==> flow/design.v <==
module plus_mod #(
  parameter W = 96
) (
  input  sys_clk,
  input  aresetn,
  input  [W-1:0] lhs_in,
  input  [W-1:0] rhs_in,
  output [W:0] sum_out
);
  reg [W-1:0] r_lhs;
  reg [W-1:0] r_rhs;
  always @(posedge sys_clk or negedge aresetn) begin
    if (~aresetn) begin
      r_lhs <= 0;
      r_rhs <= 0;
    end else begin
      r_lhs <= lhs_in;
      r_rhs <= rhs_in;
    end
  end
  assign sum_out = r_lhs + r_rhs;
endmodule
== Step by step through the tools: plus_mod ==
Tool output for the design above, in the order of the flow.
Line numbers count from 1 in the design file above.
Cell names lack the library's common part.
A cell with - has no value.
Set-up
  top: plus_mod
  clock input: sys_clk
  cell library: sky130hd
  corner: tt_025C_1v80

== Elaborated design ==
Yosys after proc, flatten, opt, wreduce and memory -nomap, before mapping. Enables and synchronous resets that opt folds into registers are not counted as muxes. Memory bits, and registers merged into a memory's read port (data or address), are not among the register bits. Print and check cells are not counted. Equal cells are merged and count once.
Cells by class
  add/subtract/negate cells: 1
Operator list (number)
  96-bit by 96-bit adder with 97-bit output: 1
Bit counts
  elaborated cells: 3
  output and inout port bits: 97
  register bits: 192

== Longest topological paths ==
Yosys ltp: most cells in a row. Word level: on the elaborated netlist, between registers, memories and ports. Mapped: between sequential cells and ports; inverters and the memories' decode and read muxes count.
Logic depth
  depth in word-level cells: 1
  ABC_AREA: 0
  mapped depth: 11
  depth with buffers taken out: 11

== Mapped cells and area ==
Source: synth_stat.txt of the flow (Yosys; design flattened, memories mapped). It holds for the ABC_AREA given above (unset counts as 0); a run with the other value may have another netlist.
Totals and module areas in this step are rounded.
Synthesis totals
  mapped flip-flops: 192
  cell count: 1125
  buffer cells: 45
  chip area (Yosys): 11200 um2
  sequential area: 4800 um2
Cell types (number)
  dfrtp_1: 192
  ha_1: 96
  a21oi_1: 124
  xnor2_1: 59
  nand2_1: 102
  o21ai_0: 56
  xor2_1: 30
  a21o_1: 34
  nand4_1: 37
  nor2_1: 60
  o21bai_1: 24
  a31oi_1: 18
  inv_1: 30
  o21a_1: 13
  nand3_1: 19
  o211ai_1: 12
  buf_2: 17
  nor3_1: 16
Not listed: further types 66, cells in them 186.

== Path before layout ==
Path of least setup slack by OpenSTA after synthesis, without wires, with an ideal clock, recovery checks aside; 20% of the period is set as input and as output delay. Where synthesis merged equal registers, the netlist keeps one of their names.
Timing post-synthesis
  path kind: reg-to-output
  from: register r_lhs[0]
  to: output sum_out[76]
  time at the first pin: 0 ps
  delay of the path: 2684 ps
  driving pins on the path: 12
  path slack: 668 ps
  required time: 3352 ps
  external output delay: 838 ps
  clock period: 4190 ps
  arrival: 2684 ps
  synthesis period reached: 3522 ps
"delay of the path" = arrival - input delay + setup time.
At an output port there is no setup time.
"driving pins on the path": output pins that drive a net of the path, with the launching flip-flop's if there is one; two outputs of one cell count as two.
"synthesis period reached" is the clock period less the worst setup slack; recovery checks do not enter. This is arithmetic on one report: input and output delays are still those of the set period (20% each).
The rows between start and end are the longest chain of elaborated cells between them; the timing report does not say that the signal goes this way. Where chains are equally long, one stands for them.
Each line given opens the expression or statement behind the cell; cells for indexed reads and writes are added by Yosys, which also makes memories of some case tables.
Between the ends, post-synthesis
  path through: dfrtp_1 -> ha_1 -> fa_1 -> a211oi_1 -> o21bai_1 -> a31oi_1 -> nand2_1 -> a32oi_1 -> o21ai_0 -> or2_2 -> a21oi_1 -> xnor2_1
  length of the longest elaborated chain: 1
  elaborated cells on any way between the ends: 1
  classes of those cells: add/sub (1)
Ends and longest elaborated chain, post-synthesis
  from (decl): line 10  | reg [W-1:0] r_lhs;
  from (assign): line 14  | r_lhs <= 0;
  from (assign): line 17  | r_lhs <= lhs_in;
  96-bit by 96-bit adder with 97-bit output: line 21  | assign sum_out = r_lhs + r_rhs;
  to (decl): line 8  | output [W:0] sum_out

== Path in the finished layout ==
From the final timing report of record 1: the path of least setup slack in the routed layout; clock arrival at registers is part of the times.
The report prints the path's times to 10 ps; the period is as set.
Timing post-layout
  path kind: reg-to-output
  from: register r_lhs[3]
  to: output sum_out[87]
  path slack: -380 ps
  time at the first pin: 450 ps
  arrival: 3530 ps
  clock period: 3930 ps
  external output delay: 790 ps
  required time: 3140 ps
  driving pins on the path: 14
The rows between start and end are the longest chain of elaborated cells between them; the timing report does not say that the signal goes this way. Where chains are equally long, one stands for them.
Between the ends, post-layout
  path through: dfrtp_1 -> ha_1 -> and2_4 -> a221o_1 -> o21ai_2 -> a211oi_2 -> buf_4 -> o21a_4 -> nor3_4 -> o41ai_4 -> buf_4 -> o31ai_4 -> xnor2_2 -> buf_2
  length of the longest elaborated chain: 1
  elaborated cells on any way between the ends: 1
  classes of those cells: add/sub (1)
Ends and longest elaborated chain, post-layout
  from (decl): line 10  | reg [W-1:0] r_lhs;
  from (assign): line 14  | r_lhs <= 0;
  from (assign): line 17  | r_lhs <= lhs_in;
  96-bit by 96-bit adder with 97-bit output: line 21  | assign sum_out = r_lhs + r_rhs;
  to (decl): line 8  | output [W:0] sum_out

Wiki page: plus_mod / flow data

3 stored runs of plus_mod in the flow (synthesis by Yosys, layout by OpenROAD, sky130hd cells), in arbitrary order. Constraints: input delay and output delay 20% of the set period each, output load 0.01 pF.
"time used up by the worst setup path" means the part of the period allowed to the worst setup path (the constraints hold back 20% at inputs and 20% at outputs) less its slack; where the path has registers, the arrival times of their clocks count too.
"total power of the final layout" is the tool's figure for a default switching activity; nothing was simulated.
"time used up by the worst setup path" is known to 10 ps.
Results are given in rounded form.

==> record 1: settings <==
{ "period_ns": 3.93, "CORE_UTILIZATION": 49, "SETUP_SLACK_MARGIN": 0.43, "PLACE_DENSITY_LB_ADDON": 0.01, "GPL_TIMING_DRIVEN": 1, "GPL_ROUTABILITY_DRIVEN": 1, "CTS_CLUSTER_DIAMETER": 290, "SLEW_MARGIN": 10, "MIN_ROUTING_LAYER": "met1", "MAX_ROUTING_LAYER": "met5", "CAP_MARGIN": 20, "CORE_MARGIN": 2 }
==> record 1: results <==
area of the synthesized netlist: 11200 um2
smallest setup slack: -383 ps
total negative setup slack: -13700 ps
time used up by the worst setup path: 3530 ps
kind of the worst setup path: reg-to-output
area inside the die boundary: 24100 um2
standard-cell area after layout: 18900 um2
total power of the final layout: 6680 uW

==> record 2: settings <==
{ "period_ns": 2.61, "CORE_UTILIZATION": 33, "SETUP_SLACK_MARGIN": -0.01, "PLACE_DENSITY_LB_ADDON": 0.03, "CORE_MARGIN": 10, "ABC_AREA": 0, "GPL_TIMING_DRIVEN": 0, "CTS_CLUSTER_SIZE": 20, "CTS_CLUSTER_DIAMETER": 121, "MIN_ROUTING_LAYER": "met1", "CAP_MARGIN": 20, "SLEW_MARGIN": 20 }
==> record 2: results <==
area of the synthesized netlist: 11200 um2
smallest setup slack: -1380 ps
total negative setup slack: -95200 ps
time used up by the worst setup path: 3470 ps
kind of the worst setup path: reg-to-output
area inside the die boundary: 41800 um2
standard-cell area after layout: 17600 um2
total power of the final layout: 9430 uW

==> record 3: settings <==
{ "period_ns": 4.19, "CAP_MARGIN": 20, "CORE_MARGIN": 2, "CORE_UTILIZATION": 40, "SLEW_MARGIN": 20 }
==> record 3: results <==
area of the synthesized netlist: 11200 um2
smallest setup slack: -64 ps
total negative setup slack: -219 ps
time used up by the worst setup path: 3420 ps
kind of the worst setup path: reg-to-output
area inside the die boundary: 29400 um2
standard-cell area after layout: 17900 um2
total power of the final layout: 5940 uW
